==> flow/design.v <==
module u_data_mux_mod #(
    parameter DWIDTH = 32,
    parameter COUNT = 5,
    parameter LOGN = $clog2(COUNT)
) (
    input logic sys_clk,
    input logic [COUNT*DWIDTH-1:0] in_src,
    input logic [LOGN-1:0] in_s,
    output logic [DWIDTH-1:0] out_data_out
);
    logic [COUNT*DWIDTH-1:0] src_q;
    always_ff @(posedge sys_clk)
        src_q <= in_src;
    logic [LOGN-1:0] s_q;
    always_ff @(posedge sys_clk)
        s_q <= in_s;
    assign out_data_out = src_q[s_q*DWIDTH +: DWIDTH];
endmodule
* From RTL to reports: u_data_mux_mod
Tool output for the design above, in the order of the flow. Lines are those of the file above, counted from 1. Cell names lack the library's common part. A cell with - has no value.
Set-up: design top u_data_mux_mod, clock sys_clk, cell library sky130hd, library corner tt_025C_1v80

* Elaborated design
Counts by Yosys on the flattened word-level netlist (proc, flatten, opt, wreduce; memories kept). Register bits leave out memories and registers merged into their read ports (data or address); mux counts leave out enables and synchronous resets folded into registers. Print and check cells are left out. Cells with the same type and inputs are merged into one.
Word-level totals: latch bits 0, word-level cells 3, memories 0, memory bits (read-only) 0, output and inout port bits 32, flip-flop bits (word level) 163, clocked read ports x word width 0, RAM bits 0
Cells by class: multiply operators 0, mux-type cells 0, shifts and indexed selects 1, equal/unequal tests 0, bitwise operators 0, magnitude comparators 0, reductions and logical operators 0, divide/modulo/power cells 0, add/subtract/negate cells 0
Operators with widths (count):
- 160-bit by 9-bit variable part select with 32-bit output | 1

* Depth
Longest topological path by Yosys (ltp), each cell counted once; first at word level (registers and memories cut), then after technology mapping (sequential cells cut; the memories' decode and read muxes count).
Depth: word-level depth 1, ABC_AREA 1, gate-level depth with buffers 6, depth with buffers taken out 6

* After synthesis
Source: synth_stat.txt of the flow (Yosys; design flattened, memories mapped). It holds for the ABC_AREA given above (unset counts as 0); a run with the other value may have another netlist.
Mapped netlist: sequential part of the area 0.0032631 mm^2, chip area (Yosys) 0.004717 mm^2, mapped cells 486, mapped flip-flops 163, buffer cells 26
Cell types:
- dfxtp_1 | count 163, total area 3263.13 um^2
- nand2_1 | count 194, total area 728.198 um^2
- nand3_1 | count 95, total area 475.456 um^2
- buf_6 | count 11, total area 123.869 um^2
- buf_4 | count 5, total area 37.536 um^2
- buf_2 | count 7, total area 35.034 um^2
- inv_1 | count 6, total area 22.522 um^2
- nor3_4 | count 1, total area 16.266 um^2
- clkbuf_1 | count 3, total area 11.261 um^2
- inv_2 | count 1, total area 3.754 um^2

* Path before layout
Source: OpenSTA report_checks on the synthesized netlist (no wires, ideal clock, input and output delay 20% of the period each), path of least setup slack; recovery checks are left aside. Register names are those of the netlist, which keeps one name where synthesis merged equal registers.
Path post-synthesis: kind register to output, from register s_q[1], to output out_data_out[10], path slack 532 ps, data required time 1512 ps, delay of the path 980 ps, time at the first pin 0 ps, data arrival time 980 ps, period 1890 ps, stages on the path 6, external output delay 378 ps, synthesis period reached 1358 ps
"delay of the path" = arrival - input delay + setup time. At an output port there is no setup time. "stages on the path" counts driving pins, that of a launching flip-flop among them; a cell with two outputs on the path counts twice. "synthesis period reached" is the clock period less the worst setup slack; recovery checks do not enter. This is arithmetic on one report: input and output delays are still those of the set period (20% each). Between the ends stands the longest chain of elaborated cells between them, by number of cells; it is not shown to be the way that was timed. Of several equally long chains one is given. A line is the first line of the expression or statement that the cell stems from. Yosys adds cells for indexed reads and writes and turns some case tables into memories.
Between the ends, post-synthesis: path through dfxtp_1 buf_4 nor3_4 buf_2 nand2_1 nand2_1, cells in the longest elaborated chain 1, elaborated cells on any way between the ends 1, RTL lines with such cells 1
RTL lines, path post-synthesis:
- start: declaration | RTL line 14 | logic [LOGN-1:0] s_q;
- start: assignment | RTL line 16 | s_q <= in_s;
- 160-bit by 9-bit variable part select with 32-bit output | RTL line 17 | assign out_data_out = src_q[s_q*DWIDTH +: DWIDTH];
- end: declaration | RTL line 9 | output logic [DWIDTH-1:0] out_data_out

* Path in the finished layout
From the final timing report of record 2: the path of least setup slack in the routed layout; clock arrival at registers is part of the times. The path's times are printed in steps of 10 ps; the period is the one set.
Path after layout: kind register to output, from register s_q[0], to output out_data_out[26], period 1120 ps, stages on the path 9, data required time 900 ps, path slack -750 ps, external output delay 220 ps, time at the first pin 420 ps, data arrival time 1640 ps
Between the ends stands the longest chain of elaborated cells between them, by number of cells; it is not shown to be the way that was timed. Of several equally long chains one is given.
Between the ends, after layout: path through dfxtp_4 buf_12 buf_12 buf_16 nand2_1 nand3_1 nand3_1 nand2_1 buf_2, cells in the longest elaborated chain 1, elaborated cells on any way between the ends 1, RTL lines with such cells 1
RTL lines, path after layout:
- start: declaration | RTL line 14 | logic [LOGN-1:0] s_q;
- start: assignment | RTL line 16 | s_q <= in_s;
- 160-bit by 9-bit variable part select with 32-bit output | RTL line 17 | assign out_data_out = src_q[s_q*DWIDTH +: DWIDTH];
- end: declaration | RTL line 9 | output logic [DWIDTH-1:0] out_data_out

u_data_mux_mod through Yosys and OpenROAD on sky130hd: 3 stored runs, unordered, with their settings and measured results. The constraints put input and output delay at 20% of the set period each and load the outputs with 0.01 pF.
"worst setup path time": the worst setup path's part of the clock period (all of it between registers, 20% less for each end at a port) less its slack. A launch clock that arrives late makes it longer, a capture clock that arrives late makes it shorter.
"worst setup path time" is given in steps of 10 ps.
[record 1] settings: period_ns=2.34, CORE_UTILIZATION=68, SETUP_SLACK_MARGIN=0.38, PLACE_DENSITY_LB_ADDON=0.26, HOLD_SLACK_MARGIN=-0.01, CORE_MARGIN=10, CELL_PAD_IN_SITES_GLOBAL_PLACEMENT=1, CELL_PAD_IN_SITES_DETAIL_PLACEMENT=0, TNS_END_PERCENT=55, GPL_TIMING_DRIVEN=0, GPL_ROUTABILITY_DRIVEN=0, CTS_CLUSTER_SIZE=80, CAP_MARGIN=25, MIN_ROUTING_LAYER=met2, SLEW_MARGIN=20
[record 1] result: did not finish, placement stopped with FLW-0024
[record 2] settings: period_ns=1.12, CORE_UTILIZATION=26, SETUP_SLACK_MARGIN=0.23, PLACE_DENSITY=0.75, CORE_ASPECT_RATIO=0.75, TNS_END_PERCENT=75, ABC_AREA=1, SLEW_MARGIN=30, MAX_ROUTING_LAYER=met5, CAP_MARGIN=20, CORE_MARGIN=2
[record 2] result: chip area after synthesis (Yosys) 0.004717 mm^2, die area 0.0192473 mm^2, standard-cell area of the final layout 0.0084268 mm^2, utilization 47.6 %, worst setup slack after layout -747 ps, total negative slack -22380 ps, worst hold slack 235 ps, worst setup path time 1640 ps, worst setup path kind register to output
[record 3] settings: period_ns=1.89, CAP_MARGIN=20, CORE_MARGIN=2, CORE_UTILIZATION=40, SLEW_MARGIN=20
[record 3] result: chip area after synthesis (Yosys) 0.0046732 mm^2, die area 0.0125642 mm^2, standard-cell area of the final layout 0.0077312 mm^2, utilization 67.7 %, worst setup slack after layout -297 ps, total negative slack -8150 ps, worst hold slack 401 ps, worst setup path time 1810 ps, worst setup path kind register to output
